==> flow/design.v <==
module dp_reg_file #(
   parameter integer ENTRIES = 16,
   parameter integer DATA_WIDTH = 20,
   parameter integer NUM_RD = 4,
   parameter integer NW = 3,
   parameter integer ADDR_WIDTH = $clog2(ENTRIES)
) (
   input  core_clk,
   input  clr,
   input  [NW-1:0] in_we,
   input  [NW*ADDR_WIDTH-1:0] in_wr_idx,
   input  [NW*DATA_WIDTH-1:0] in_write_data,
   input  [NUM_RD*ADDR_WIDTH-1:0] in_ra,
   output [NUM_RD*DATA_WIDTH-1:0] out_q
);
   reg [NW-1:0] we_q;
   reg [NW*ADDR_WIDTH-1:0] wr_idx_q;
   reg [NW*DATA_WIDTH-1:0] write_data_q;
   reg [DATA_WIDTH-1:0] array [ENTRIES-1:0];
   integer idx;
   always @(posedge core_clk) begin
      for (idx = 0; idx < NW; idx = idx + 1)
         if (we_q[idx]) array[wr_idx_q[idx*ADDR_WIDTH +: ADDR_WIDTH]] <= write_data_q[idx*DATA_WIDTH +: DATA_WIDTH];
   end
   reg [NUM_RD*ADDR_WIDTH-1:0] ra_q;
   wire [NUM_RD*DATA_WIDTH-1:0] t;
   genvar gj;
   generate
      for (gj = 0; gj < NUM_RD; gj = gj + 1) begin : lane
         assign t[gj*DATA_WIDTH +: DATA_WIDTH] = array[ra_q[gj*ADDR_WIDTH +: ADDR_WIDTH]];
      end
   endgenerate
   assign out_q = t;
   always @(posedge core_clk or posedge clr) begin
      if (clr) begin
         we_q <= 0;
         wr_idx_q <= 0;
         write_data_q <= 0;
         ra_q <= 0;
      end else begin
         we_q <= in_we;
         wr_idx_q <= in_wr_idx;
         write_data_q <= in_write_data;
         ra_q <= in_ra;
      end
   end
endmodule
From RTL to reports: dp_reg_file

The steps from the RTL of dp_reg_file to its reports follow in flow order.
Lines are those of the file above, counted from 1.
Operators: Yosys type, input widths -> output width; for muxes data width and select width s.
Cell names lack the library's common part.
Not given: --

Design top: dp_reg_file
Clock: core_clk
Standard-cell library: sky130hd
Library corner: tt_025C_1v80

Elaborated design

Counts by Yosys on the flattened word-level netlist (proc, flatten, opt, wreduce; memories kept). Register bits leave out memories and registers merged into their read ports (data or address); mux counts leave out enables and synchronous resets folded into registers. Print and check cells are left out. Cells with the same type and inputs are merged into one.
Memory sizes are those after Yosys's memory passes, which may raise the word count (mostly to a power of two), join words into wider ones and drop unused or constant bits.

Register bits: 91
RAM bits: 320
Memories kept: 1
Input port bits: 93
Output and inout port bits: 80
Elaborated cells: 14

Memory list:

| memory | words | bits a word | rd ports | wr ports | line | text |
| array  | 16    | 20          | 4        | 3        | 19   | `reg [DATA_WIDTH-1:0] array [ENTRIES-1:0];` |

Multiplexer cells: 9

Operators with widths:

| cell    | number |
| $mux 20 | 3 |
| $mux 4  | 3 |
| $mux 1  | 3 |

Depth

Depth = most cells in a row (Yosys ltp): at word level without a register or memory, in the mapped netlist without a sequential cell, where the memories' decode and read muxes count.

Word-level depth: 1
ABC_AREA: 0
Mapped depth: 5

After synthesis

Source: synth_stat.txt of the flow (Yosys; design flattened, memories mapped). It holds for the ABC_AREA given above (unset counts as 0); a run with the other value may have another netlist.

Cells by type:

| cell     | number | area in all (sq um) |
| edfxtp_1 | 320    | 9.61E+03 |
| mux4_2   | 320    | 7.21E+03 |
| dfrtp_1  | 91     | 2.28E+03 |
| a31oi_1  | 320    | 2001.92 |
| nand3_1  | 326    | 1.63E+03 |
| nor3_1   | 320    | 1.6E+03 |
| o21ai_0  | 320    | 1.6E+03 |
| clkbuf_1 | 358    | 1.34E+03 |
| a22oi_1  | 160    | 1.2E+03 |
| nand2_1  | 94     | 352.838 |
| buf_2    | 50     | 250.24 |
| buf_4    | 16     | 120.115 |
| o211ai_1 | 16     | 120.115 |
| or2_2    | 13     | 81.328 |
| buf_6    | 7      | 78.826 |
| nor2b_1  | 12     | 75.072 |
| buf_1    | 18     | 67.565 |
| and3b_1  | 4      | 35.034 |

Not listed: further types 11, cells in them 33.

Cells in the netlist: 2798
Mapped area: 29859.9 sq um
Mapped flip-flops: 411
Buffers: 451

Path before layout

Source: OpenSTA report_checks on the synthesized netlist (no wires, ideal clock, input and output delay 20% of the period each), path of least setup slack; recovery checks are left aside. Register names are those of the netlist, which keeps one name where synthesis merged equal registers.

Path kind: flip-flop to flip-flop
Start: register wr_idx_q[6]
End: memory array[0][0]
Clock period: 3.21 ns
Library setup time: 0.403 ns
Time at the first pin: 0.000 ns
Arrival time: 2.168 ns
Data required time: 2.807 ns
Path slack: 0.638 ns
Delay of the path: 2.571 ns
Driving pins on the path: 5
Synthesis period reached: 2.572 ns

"delay of the path" is the arrival time less input delay plus setup time.
"driving pins on the path" counts driving pins, that of a launching flip-flop among them; a cell with two outputs on the path counts twice.
"synthesis period reached" is the clock period less the worst setup slack; recovery checks do not enter. This is arithmetic on one report: input and output delays are still those of the set period (20% each).
The rows between start and end are the longest chain of elaborated cells between them; the timing report does not say that the signal goes this way. Where chains are equally long, one stands for them.
Each line given opens the expression or statement behind the cell; cells for indexed reads and writes are added by Yosys, which also makes memories of some case tables.

Cells stage by stage: dfrtp_1 -> or3b_1 -> buf_2 -> buf_2 -> o211ai_1
Length of the longest elaborated chain: 1

Ends and longest elaborated chain, post-synthesis:

| item               | line | text |
| start: declaration | 17   | `reg [NW*ADDR_WIDTH-1:0] wr_idx_q;` |
| start: assignment  | 37   | `wr_idx_q <= 0;` |
| start: assignment  | 42   | `wr_idx_q <= in_wr_idx;` |
| $mux 4             | 23   | `if (we_q[idx]) array[wr_idx_q[idx*ADDR_WIDTH +: ADDR_WIDTH]] <= write_data_q[idx*DATA_WIDTH +: DATA_WIDTH];` |
| end: declaration   | 19   | `reg [DATA_WIDTH-1:0] array [ENTRIES-1:0];` |

Timing after layout

Path of least setup slack in the final report of run B (OpenROAD, finished layout, wires in). Where an end is a register, its clock arrival counts in the times.

Path kind: flip-flop to output port
Start: register ra_q[8]
End: output port out_q[53]
Clock period: 3.21 ns
External output delay: 0.64 ns
Time at the first pin: 0.62 ns
Arrival time: 2.62 ns
Data required time: 2.57 ns
Path slack: -0.05 ns
Driving pins on the path: 9

The rows between start and end are the longest chain of elaborated cells between them; the timing report does not say that the signal goes this way. Where chains are equally long, one stands for them.
A memory read counts as a cell of the chain, while the word-level depth stops at memories.

Cells stage by stage: dfrtp_4 -> buf_12 -> buf_12 -> buf_16 -> buf_12 -> mux4_2 -> a22oi_2 -> nand2_2 -> buf_6
Length of the longest elaborated chain: 1

Ends and longest elaborated chain, after layout:

| item               | line | text |
| start: declaration | 25   | `reg [NUM_RD*ADDR_WIDTH-1:0] ra_q;` |
| start: assignment  | 39   | `ra_q <= 0;` |
| start: assignment  | 44   | `ra_q <= in_ra;` |
| $mem_v2 16x20      | 19   | `reg [DATA_WIDTH-1:0] array [ENTRIES-1:0];` |
| end: declaration   | 14   | `output [NUM_RD*DATA_WIDTH-1:0] out_q` |

Memo
Re: implementation data of dp_reg_file

Record of 3 stored runs of the RTL-to-layout flow on dp_reg_file, platform sky130hd. The runs are unordered. Constraints: input delay and output delay 20% of the set period each, output load 0.01 pF.
"achieved period" means the clock period less the worst setup slack. The figure is calculated, with input and output delays left at 20% of the set period.
"critical setup path time" is the time allowed to the run's worst setup path (the clock period less input and output delay, where it has them) less its slack. Clock arrival times count: a late capture clock shortens it, a late launch clock lengthens it.
"total power of the final layout" rests on the timing tool's default activity at the inputs, not on a simulated workload.
Among the settings, - means not set for that run.
A result given as - is not shown for that run.

| item                                           | run A | run B                    | run C |
| period_ns                                      | 2.88  | 3.21                     | 2.92  |
| CORE_UTILIZATION                               | 53    | 40                       | 56    |
| PLACE_DENSITY                                  | 0.88  | -                        | -     |
| HOLD_SLACK_MARGIN                              | 0.25  | -                        | -     |
| CORE_MARGIN                                    | 5     | 2                        | 2     |
| CELL_PAD_IN_SITES_DETAIL_PLACEMENT             | 0     | -                        | -     |
| TNS_END_PERCENT                                | 25    | -                        | -     |
| ABC_AREA                                       | 1     | -                        | -     |
| GPL_ROUTABILITY_DRIVEN                         | 1     | -                        | 0     |
| SLEW_MARGIN                                    | 35    | 20                       | 20    |
| MIN_ROUTING_LAYER                              | met2  | -                        | met2  |
| CAP_MARGIN                                     | 20    | 20                       | 0     |
| PLACE_DENSITY_LB_ADDON                         | -     | -                        | 0.27  |
| CTS_CLUSTER_SIZE                               | -     | -                        | 10    |
| MAX_ROUTING_LAYER                              | -     | -                        | met4  |
| netlist area reported by Yosys (sq um)         | -     | 29859.9                  | -     |
| total die area (sq um)                         | -     | 76850.9                  | -     |
| standard-cell area of the final layout (sq um) | -     | 36566.3                  | -     |
| smallest setup slack (ns)                      | -     | -0.053                   | -     |
| total negative slack (ns)                      | -     | -0.345                   | -     |
| total power of the final layout (mW)           | -     | 16.418                   | -     |
| achieved period (ns)                           | -     | 3.263                    | -     |
| critical setup path time (ns)                  | -     | 2.62                     | -     |
| critical path kind                             | -     | flip-flop to output port | -     |

Run A: unfinished; error GRT-0116 in routing
Run C: unfinished; error GRT-0116 in routing
